==> flow/design.v <==
module sh_core_top (aclk, i_data, i_opb, i_sh, o_dout);
  parameter WIDTH = 48;
  localparam SEL_WIDTH = $clog2(WIDTH);
  input aclk;
  input [WIDTH-1:0] i_data;
  input [WIDTH-1:0] i_opb;
  input [SEL_WIDTH-1:0] i_sh;
  output reg [WIDTH-1:0] o_dout;
  wire [2*WIDTH-1:0] r;
  assign r = {i_opb, i_data} >> i_sh;
  always @(posedge aclk) begin
    o_dout <= r[WIDTH-1:0];
  end
endmodule
Tool chain data of sh_core_top
Tool output for the design above, in the order of the flow.
Lines are those of the file above, counted from 1.
Library cell names are shortened.
{"block": "setup", "top": "sh_core_top", "clock": "aclk", "cell_library": "sky130hd", "corner": "tt_025C_1v80"}

Word level
Yosys after proc, flatten, opt, wreduce and memory -nomap, before mapping. Enables and synchronous resets that opt folds into registers are not counted as muxes. Memory bits, and registers merged into a memory's read port (data or address), are not among the register bits. Print and check cells are not counted. Equal cells are merged and count once.
{"block": "op_classes", "n_mul": 0, "n_eq": 0, "n_logic": 0, "reduce_and_logical": 0, "shifts": 1, "cmp": 0, "n_div": 0, "mux": 0, "addsub": 0}
{"block": "op_table", "cell": ">> shifter 96 x 6 -> 48 bit", "count": 1}
{"block": "bits", "mem_bits_ro": 0, "ram_bits": 0, "out_inout_bits": 48, "clocked_rd_ports_x_width": 0, "n_memories": 0, "register_bits": 48, "in_bits": 103, "wordCells": 2, "latchBits": 0}

Depth
Depth = most cells in a row (Yosys ltp): at word level without a register or memory, in the mapped netlist without a sequential cell, where the memories' decode and read muxes count.
{"block": "depth", "ltp_word": 1, "abc_area": 0, "mapped_depth": 11, "mapped_depth_nobuf": 5}

Synthesis result
The flow's flattened synthesis, as Yosys stat reports it; memories are mapped. The netlist is that of the ABC_AREA named above (0 if unset); the other value can give another one.
Totals and module areas in this step are rounded.
{"block": "synth_totals", "cell_count": 847, "buffers": 88, "ff_cells": 48, "sequential_area_um2": 961, "synth_area_um2": 8190}
{"block": "by_type", "cell": "mux4_2", "count": 124, "type_area_um2": 2.79E+03}
{"block": "by_type", "cell": "mux2i_1", "count": 98, "type_area_um2": 980.941}
{"block": "by_type", "cell": "dfxtp_1", "count": 48, "type_area_um2": 960.922}
{"block": "by_type", "cell": "mux2_2", "count": 36, "type_area_um2": 405.389}
{"block": "by_type", "cell": "nand2_1", "count": 104, "type_area_um2": 390.374}
{"block": "by_type", "cell": "a21oi_1", "count": 35, "type_area_um2": 175.168}
{"block": "by_type", "cell": "buf_2", "count": 35, "type_area_um2": 175.168}
{"block": "by_type", "cell": "nor2_1", "count": 46, "type_area_um2": 172.666}
{"block": "by_type", "cell": "o21ai_0", "count": 32, "type_area_um2": 160.154}
{"block": "by_type", "cell": "o22ai_1", "count": 25, "type_area_um2": 156.4}
{"block": "by_type", "cell": "o221ai_1", "count": 15, "type_area_um2": 131.376}
{"block": "by_type", "cell": "a22oi_1", "count": 16, "type_area_um2": 120.115}
{"block": "by_type", "cell": "clkbuf_1", "count": 30, "type_area_um2": 112.608}
{"block": "by_type", "cell": "nand3_1", "count": 21, "type_area_um2": 105.101}
{"block": "by_type", "cell": "a2bb2oi_1", "count": 9, "type_area_um2": 78.826}
{"block": "by_type", "cell": "a211oi_1", "count": 10, "type_area_um2": 75.072}
{"block": "by_type", "cell": "a22o_1", "count": 8, "type_area_um2": 70.067}
{"block": "by_type", "cell": "buf_4", "count": 9, "type_area_um2": 67.565}
Not listed: further types 44, cells in them 146.

Worst setup path after synthesis
OpenSTA on the mapped netlist: ideal clock, no wires. The path of least setup slack (recovery checks aside). Input and output delay are each 20% of the period. Register names are those of the netlist, which keeps one name where synthesis merged equal registers.
{"block": "synth_path", "path_kind": "input-to-reg", "start": "input i_sh[1]", "end": "register o_dout[22]", "path_delay_ns": 2.029, "in_delay_ns": 0.634, "setup_slack_ns": 0.506, "n_path_buf": 3, "clock_period_ns": 3.17, "arrival_ns": 2.529, "stages": 7, "synth_period_reached_ns": 2.664}
"path_delay_ns" is the arrival time less input delay plus setup time.
"stages": output pins that drive a net of the path, with the launching flip-flop's if there is one; two outputs of one cell count as two.
"synth_period_reached_ns" is the clock period less the worst setup slack; recovery checks do not enter. This is arithmetic on one report: input and output delays are still those of the set period (20% each).
Between the ends stands the longest chain of elaborated cells between them, by number of cells; it is not shown to be the way that was timed. Of several equally long chains one is given.
Each line given opens the expression or statement behind the cell; cells for indexed reads and writes are added by Yosys, which also makes memories of some case tables.
{"block": "synth_via", "path_cell_list": "buf_6 -> buf_2 -> buf_4 -> mux4_2 -> mux2i_1 -> a21oi_1 -> mux4_2", "elab_chain_cells": 1, "cells_between": 1, "cone_classes": "shift: 1"}
{"block": "synth_rtl", "element": "start, declared", "line": 7, "source": "input [SEL_WIDTH-1:0] i_sh;"}
{"block": "synth_rtl", "element": ">> shifter 96 x 6 -> 48 bit", "line": 10, "source": "assign r = {i_opb, i_data} >> i_sh;"}
{"block": "synth_rtl", "element": "end, assigned", "line": 12, "source": "o_dout <= r[WIDTH-1:0];"}
{"block": "synth_rtl", "element": "end, declared", "line": 8, "source": "output reg [WIDTH-1:0] o_dout;"}

Timing after layout
Path of least setup slack in the final report of record 3 (OpenROAD, finished layout, wires in). Where an end is a register, its clock arrival counts in the times.
{"block": "layout_path", "path_kind": "input-to-reg", "start": "input i_sh[3]", "end": "register o_dout[39]", "setup_slack_ns": 0.34, "stages": 7, "n_path_buf": 2, "in_delay_ns": 0.63, "arrival_ns": 2.98, "clock_period_ns": 3.17}
Between the ends stands the longest chain of elaborated cells between them, by number of cells; it is not shown to be the way that was timed. Of several equally long chains one is given.
{"block": "layout_via", "path_cell_list": "buf_4 -> buf_12 -> mux2_2 -> o22ai_1 -> o31ai_1 -> a311oi_1 -> a2bb2oi_1", "elab_chain_cells": 1, "cells_between": 1, "cone_classes": "shift: 1"}
{"block": "layout_rtl", "element": "start, declared", "line": 7, "source": "input [SEL_WIDTH-1:0] i_sh;"}
{"block": "layout_rtl", "element": ">> shifter 96 x 6 -> 48 bit", "line": 10, "source": "assign r = {i_opb, i_data} >> i_sh;"}
{"block": "layout_rtl", "element": "end, assigned", "line": 12, "source": "o_dout <= r[WIDTH-1:0];"}
{"block": "layout_rtl", "element": "end, declared", "line": 8, "source": "output reg [WIDTH-1:0] o_dout;"}

## Implementation results

Stored flow runs of sh_core_top (3 of them; Yosys, OpenROAD, sky130hd). They differ in their settings and are not a sequence. Constraints: input delay and output delay 20% of the set period each, output load 0.01 pF.
"worstPathTime_ns" is the time allowed to the run's worst setup path (the clock period less input and output delay, where it has them) less its slack. Clock arrival times count: a late capture clock shortens it, a late launch clock lengthens it.
Results are given in rounded form.

{"run": "record 1", "settings": { "period_ns": 1.6, "CORE_UTILIZATION": 64, "PLACE_DENSITY": 0.5, "HOLD_SLACK_MARGIN": 0.14, "CELL_PAD_IN_SITES_DETAIL_PLACEMENT": 0, "CTS_CLUSTER_SIZE": 27, "CAP_MARGIN": 30, "CORE_MARGIN": 2, "SLEW_MARGIN": 20 }, "outcome": "stopped before the end: clock tree synthesis reported DPL-0038"}
{"run": "record 2", "settings": { "period_ns": 4.11, "CORE_UTILIZATION": 50, "PLACE_DENSITY": 0.81, "CELL_PAD_IN_SITES_GLOBAL_PLACEMENT": 3, "MAX_ROUTING_LAYER": "met4", "CAP_MARGIN": 20, "CORE_MARGIN": 2, "SLEW_MARGIN": 20 }, "outcome": "stopped before the end: placement reported GPL-0301"}
{"run": "record 3", "settings": { "period_ns": 3.17, "CAP_MARGIN": 20, "CORE_MARGIN": 2, "CORE_UTILIZATION": 40, "SLEW_MARGIN": 20 }, "results": { "synth_area_um2": 8190, "die_um2": 21600, "cell_area_final_um2": 10600, "setup_ws_ns": 0.343, "timing.setup.tns_ns": 0.000, "fin_hold_ws_ns": 1.05, "worstPathTime_ns": 2.19, "critical_path_kind": "input-to-reg" }}
